==> flow/design.v <==
module alu_add_unit_top #(
    parameter XLEN = 8,
    parameter N = 3,
    parameter RW = XLEN + $clog2(N)
) (
    input  wire i_clk,
    input  wire [N*XLEN-1:0] in_din,
    output wire [RW-1:0] out_out
);
    reg [N*XLEN-1:0] din_reg;
    always @(posedge i_clk) begin
        din_reg <= in_din;
    end
    reg [RW-1:0] work;
    integer k;
    always @(*) begin
        work = 0;
        for (k = 0; k < N; k = k + 1)
            work = work + din_reg[k*XLEN +: XLEN];
    end
    assign out_out = work;
endmodule
* Tool chain data of alu_add_unit_top
What the tools print for alu_add_unit_top, step after step.
Line numbers count from 1 in the design file above.
Library cell names are shortened.
A cell with -- has no value.
- Top :: alu_add_unit_top
- Clock :: i_clk
- Standard-cell library :: sky130hd
- Library corner :: tt_025C_1v80

* Word level
Counts by Yosys on the flattened word-level netlist (proc, flatten, opt, wreduce; memories kept). Register bits leave out memories and registers merged into their read ports (data or address); mux counts leave out enables and synchronous resets folded into registers. Print and check cells are left out. Cells with the same type and inputs are merged into one.
- Reduce/logical cells :: 0
- Mux-type cells :: 0
- Shift operators :: 0
- Div/mod/pow operators :: 0
- $add $sub $neg :: 2
- Bitwise logic cells :: 0
- Equal/unequal tests :: 0
- Multiply operators :: 0
- Order comparisons :: 0
** Operators with widths (number)
- 9-bit by 8-bit adder with 10-bit output :: 1
- 8-bit by 8-bit adder with 9-bit output :: 1
- Latch bits :: 0
- Memories kept :: 0
- Input port bits :: 25
- Elaborated cells :: 3
- Register bits after elaboration :: 24
- Bits in read-only memories :: 0
- RAM bits :: 0
- Clocked read ports x word width :: 0

* Longest topological paths
Yosys ltp: most cells in a row. Word level: on the elaborated netlist, between registers, memories and ports. Mapped: between sequential cells and ports; inverters and the memories' decode and read muxes count.
- Depth in word-level cells :: 2
- ABC_AREA :: 0
- Depth in mapped cells :: 9

* Netlist
The flow's flattened synthesis, as Yosys stat reports it; memories are mapped. The netlist is that of the ABC_AREA named above (0 if unset); the other value can give another one.
The area totals of this step are shown rounded.
** Cell types
- dfxtp_1 :: number 24, total area 480.461 um^2
- fa_1 :: number 9, total area 180.173 um^2
- ha_1 :: number 7, total area 87.584 um^2
- inv_1 :: number 10, total area 37.536 um^2
- a21oi_1 :: number 7, total area 35.034 um^2
- xor2_1 :: number 3, total area 26.275 um^2
- a211oi_2 :: number 2, total area 25.024 um^2
- xnor2_1 :: number 2, total area 17.517 um^2
- o21ai_0 :: number 3, total area 15.014 um^2
- a211oi_1 :: number 1, total area 7.507 um^2
- a21o_1 :: number 1, total area 7.507 um^2
- o211ai_1 :: number 1, total area 7.507 um^2
- o21a_1 :: number 1, total area 7.507 um^2
- o21ai_1 :: number 1, total area 5.005 um^2
- nand2_1 :: number 1, total area 3.754 um^2
- nor2_1 :: number 1, total area 3.754 um^2
- Flip-flops :: 24
- Standard cells after synthesis :: 74
- Cell area after synthesis :: 947 um^2
- Area of sequential cells :: 480 um^2

* Path before layout
OpenSTA on the mapped netlist: ideal clock, no wires. The path of least setup slack (recovery checks aside). Input and output delay are each 20% of the period. Register names are those of the netlist, which keeps one name where synthesis merged equal registers.
- Kind :: flip-flop to output port
- Start point :: reg din_reg[1]
- End point :: out out_out[7]
- Path delay :: 2.024 ns
- Launch time at the first pin :: 0.000 ns
- Path buffers :: 0
- Arrival :: 2.024 ns
- Required time :: 2.528 ns
- Stages :: 8
- Output delay :: 0.632 ns
- Clock period :: 3.16 ns
- Path slack :: 0.504 ns
- Period reached after synthesis :: 2.656 ns
"path delay" = arrival - input delay + setup time.
A path that ends at an output port has no setup time.
"stages" counts driving pins, that of a launching flip-flop among them; a cell with two outputs on the path counts twice.
"period reached after synthesis" = period - worst setup slack (recovery checks aside). The figure is calculated, with input and output delays left at 20% of the set period.
Between the ends stands the longest chain of elaborated cells between them, by number of cells; it is not shown to be the way that was timed. Of several equally long chains one is given.
A line is the first line of the expression or statement that the cell stems from. Yosys adds cells for indexed reads and writes and turns some case tables into memories.
- Path through :: dfxtp_1 > fa_1 > ha_1 > fa_1 > a21oi_1 > o21ai_0 > a211oi_1 > a21oi_1
- Length of the longest elaborated chain :: 2
** RTL lines, path post-synthesis
- start, declared :: line 10 : reg [N*XLEN-1:0] din_reg;
- start, assigned :: line 12 : din_reg <= in_din;
- 8-bit by 8-bit adder with 9-bit output :: line 19 : work = work + din_reg[k*XLEN +: XLEN];
- 9-bit by 8-bit adder with 10-bit output :: line 19
- end, declared :: line 8 : output wire [RW-1:0] out_out

* Worst path after layout
From the final timing report of flow run 1: the path of least setup slack in the routed layout; clock arrival at registers is part of the times.
- Kind :: flip-flop to output port
- Start point :: reg din_reg[1]
- End point :: out out_out[5]
- Path buffers :: 1
- Launch time at the first pin :: 0.31 ns
- Stages :: 9
- Required time :: 1.64 ns
- Clock period :: 2.05 ns
- Output delay :: 0.41 ns
- Path slack :: -0.76 ns
- Arrival :: 2.40 ns
Between the ends stands the longest chain of elaborated cells between them, by number of cells; it is not shown to be the way that was timed. Of several equally long chains one is given.
- Path through :: dfxtp_2 > fa_1 > ha_4 > fa_2 > a21oi_4 > inv_2 > a21oi_2 > xnor2_1 > buf_2
- Length of the longest elaborated chain :: 2
** RTL lines, path after layout
- start, declared :: line 10 : reg [N*XLEN-1:0] din_reg;
- start, assigned :: line 12 : din_reg <= in_din;
- 8-bit by 8-bit adder with 9-bit output :: line 19 : work = work + din_reg[k*XLEN +: XLEN];
- 9-bit by 8-bit adder with 10-bit output :: line 19
- end, declared :: line 8 : output wire [RW-1:0] out_out

# Flow runs of alu_add_unit_top

Measured data: module alu_add_unit_top, platform sky130hd, 3 stored runs of the flow under differing settings, order arbitrary. Input and output delays are each 20% of the period that was set; the output load is 0.01 pF.
By "period reached" is meant the clock period of the run minus its worst setup slack. This is arithmetic on one report: input and output delays are still those of the set period (20% each).
"worst path time" means the part of the period allowed to the worst setup path (the constraints hold back 20% at inputs and 20% at outputs) less its slack; where the path has registers, the arrival times of their clocks count too.
"power" is the tool's figure for a default switching activity; nothing was simulated.
Measured values are rounded.

* Flow run 1
** Files
==> flow/run.sh <==
#!/bin/bash
# the make line also repeats the synthesis and layout settings of config.mk as NAME=value (left out here)
make -C /OpenROAD-flow-scripts/flow DESIGN_CONFIG=/design/flow/config.mk WORK_HOME=/design/flow/orfs CLKGATE_MAP_FILE= finish
==> flow/config.mk <==
export PLATFORM = sky130hd
export DESIGN_NAME = alu_add_unit_top
export DESIGN_NICKNAME = alu_add_unit_top
export VERILOG_FILES = /design/flow/design.v
export SDC_FILE = /design/flow/constraint.sdc
export NUM_CORES = 4
export LEC_CHECK = 0
export CAP_MARGIN = 40
export CORE_MARGIN = 2
export CORE_UTILIZATION = 35
export GPL_ROUTABILITY_DRIVEN = 1
export GPL_TIMING_DRIVEN = 0
export PLACE_DENSITY_LB_ADDON = 0.01
export SETUP_SLACK_MARGIN = 0.56
export SLEW_MARGIN = 40
export TNS_END_PERCENT = 60
==> flow/constraint.sdc <==
create_clock -name core_clock -period 2.05 [get_ports {i_clk}]
set_input_delay 0.4100 -clock core_clock [delete_from_list [all_inputs] [get_ports {i_clk}]]
set_output_delay 0.4100 -clock core_clock [all_outputs]
set_load 0.01 [all_outputs]
** Results
- Lowest setup slack :: -0.757 ns
- Standard-cell area after routing :: 1460 um^2
- Worst path time :: 2.40 ns
- Worst path kind :: flip-flop to output port
- Full die area :: 3140 um^2
- Power :: 1310 µW
- Chip area in the Yosys report :: 947 um^2
- Period reached :: 2.807 ns
- Setup total negative slack :: -4.85 ns

* Flow run 2
** Files
==> flow/run.sh <==
#!/bin/bash
# the make line also repeats the synthesis and layout settings of config.mk as NAME=value (left out here)
make -C /OpenROAD-flow-scripts/flow DESIGN_CONFIG=/design/flow/config.mk WORK_HOME=/design/flow/orfs CLKGATE_MAP_FILE= finish
==> flow/config.mk <==
export PLATFORM = sky130hd
export DESIGN_NAME = alu_add_unit_top
export DESIGN_NICKNAME = alu_add_unit_top
export VERILOG_FILES = /design/flow/design.v
export SDC_FILE = /design/flow/constraint.sdc
export NUM_CORES = 4
export LEC_CHECK = 0
export CAP_MARGIN = 20
export CORE_MARGIN = 2
export CORE_UTILIZATION = 40
export SLEW_MARGIN = 20
==> flow/constraint.sdc <==
create_clock -name core_clock -period 3.16 [get_ports {i_clk}]
set_input_delay 0.6320 -clock core_clock [delete_from_list [all_inputs] [get_ports {i_clk}]]
set_output_delay 0.6320 -clock core_clock [all_outputs]
set_load 0.01 [all_outputs]
** Results
- Lowest setup slack :: 0.120 ns
- Standard-cell area after routing :: 1400 um^2
- Worst path time :: 2.41 ns
- Worst path kind :: flip-flop to output port
- Full die area :: 2770 um^2
- Power :: 730 µW
- Chip area in the Yosys report :: 947 um^2
- Period reached :: 3.040 ns
- Setup total negative slack :: 0.000 ns

* Flow run 3
** Files
==> flow/run.sh <==
#!/bin/bash
# the make line also repeats the synthesis and layout settings of config.mk as NAME=value (left out here)
make -C /OpenROAD-flow-scripts/flow DESIGN_CONFIG=/design/flow/config.mk WORK_HOME=/design/flow/orfs CLKGATE_MAP_FILE= finish
==> flow/config.mk <==
export PLATFORM = sky130hd
export DESIGN_NAME = alu_add_unit_top
export DESIGN_NICKNAME = alu_add_unit_top
export VERILOG_FILES = /design/flow/design.v
export SDC_FILE = /design/flow/constraint.sdc
export NUM_CORES = 4
export LEC_CHECK = 0
export ABC_AREA = 0
export CAP_MARGIN = 20
export CELL_PAD_IN_SITES_DETAIL_PLACEMENT = 0
export CELL_PAD_IN_SITES_GLOBAL_PLACEMENT = 3
export CORE_ASPECT_RATIO = 1.21
export CORE_MARGIN = 2
export CORE_UTILIZATION = 48
export GPL_ROUTABILITY_DRIVEN = 0
export SLEW_MARGIN = 20
==> flow/constraint.sdc <==
create_clock -name core_clock -period 1.56 [get_ports {i_clk}]
set_input_delay 0.3120 -clock core_clock [delete_from_list [all_inputs] [get_ports {i_clk}]]
set_output_delay 0.3120 -clock core_clock [all_outputs]
set_load 0.01 [all_outputs]
** Results
Incomplete, placement halted on GPL-0301.
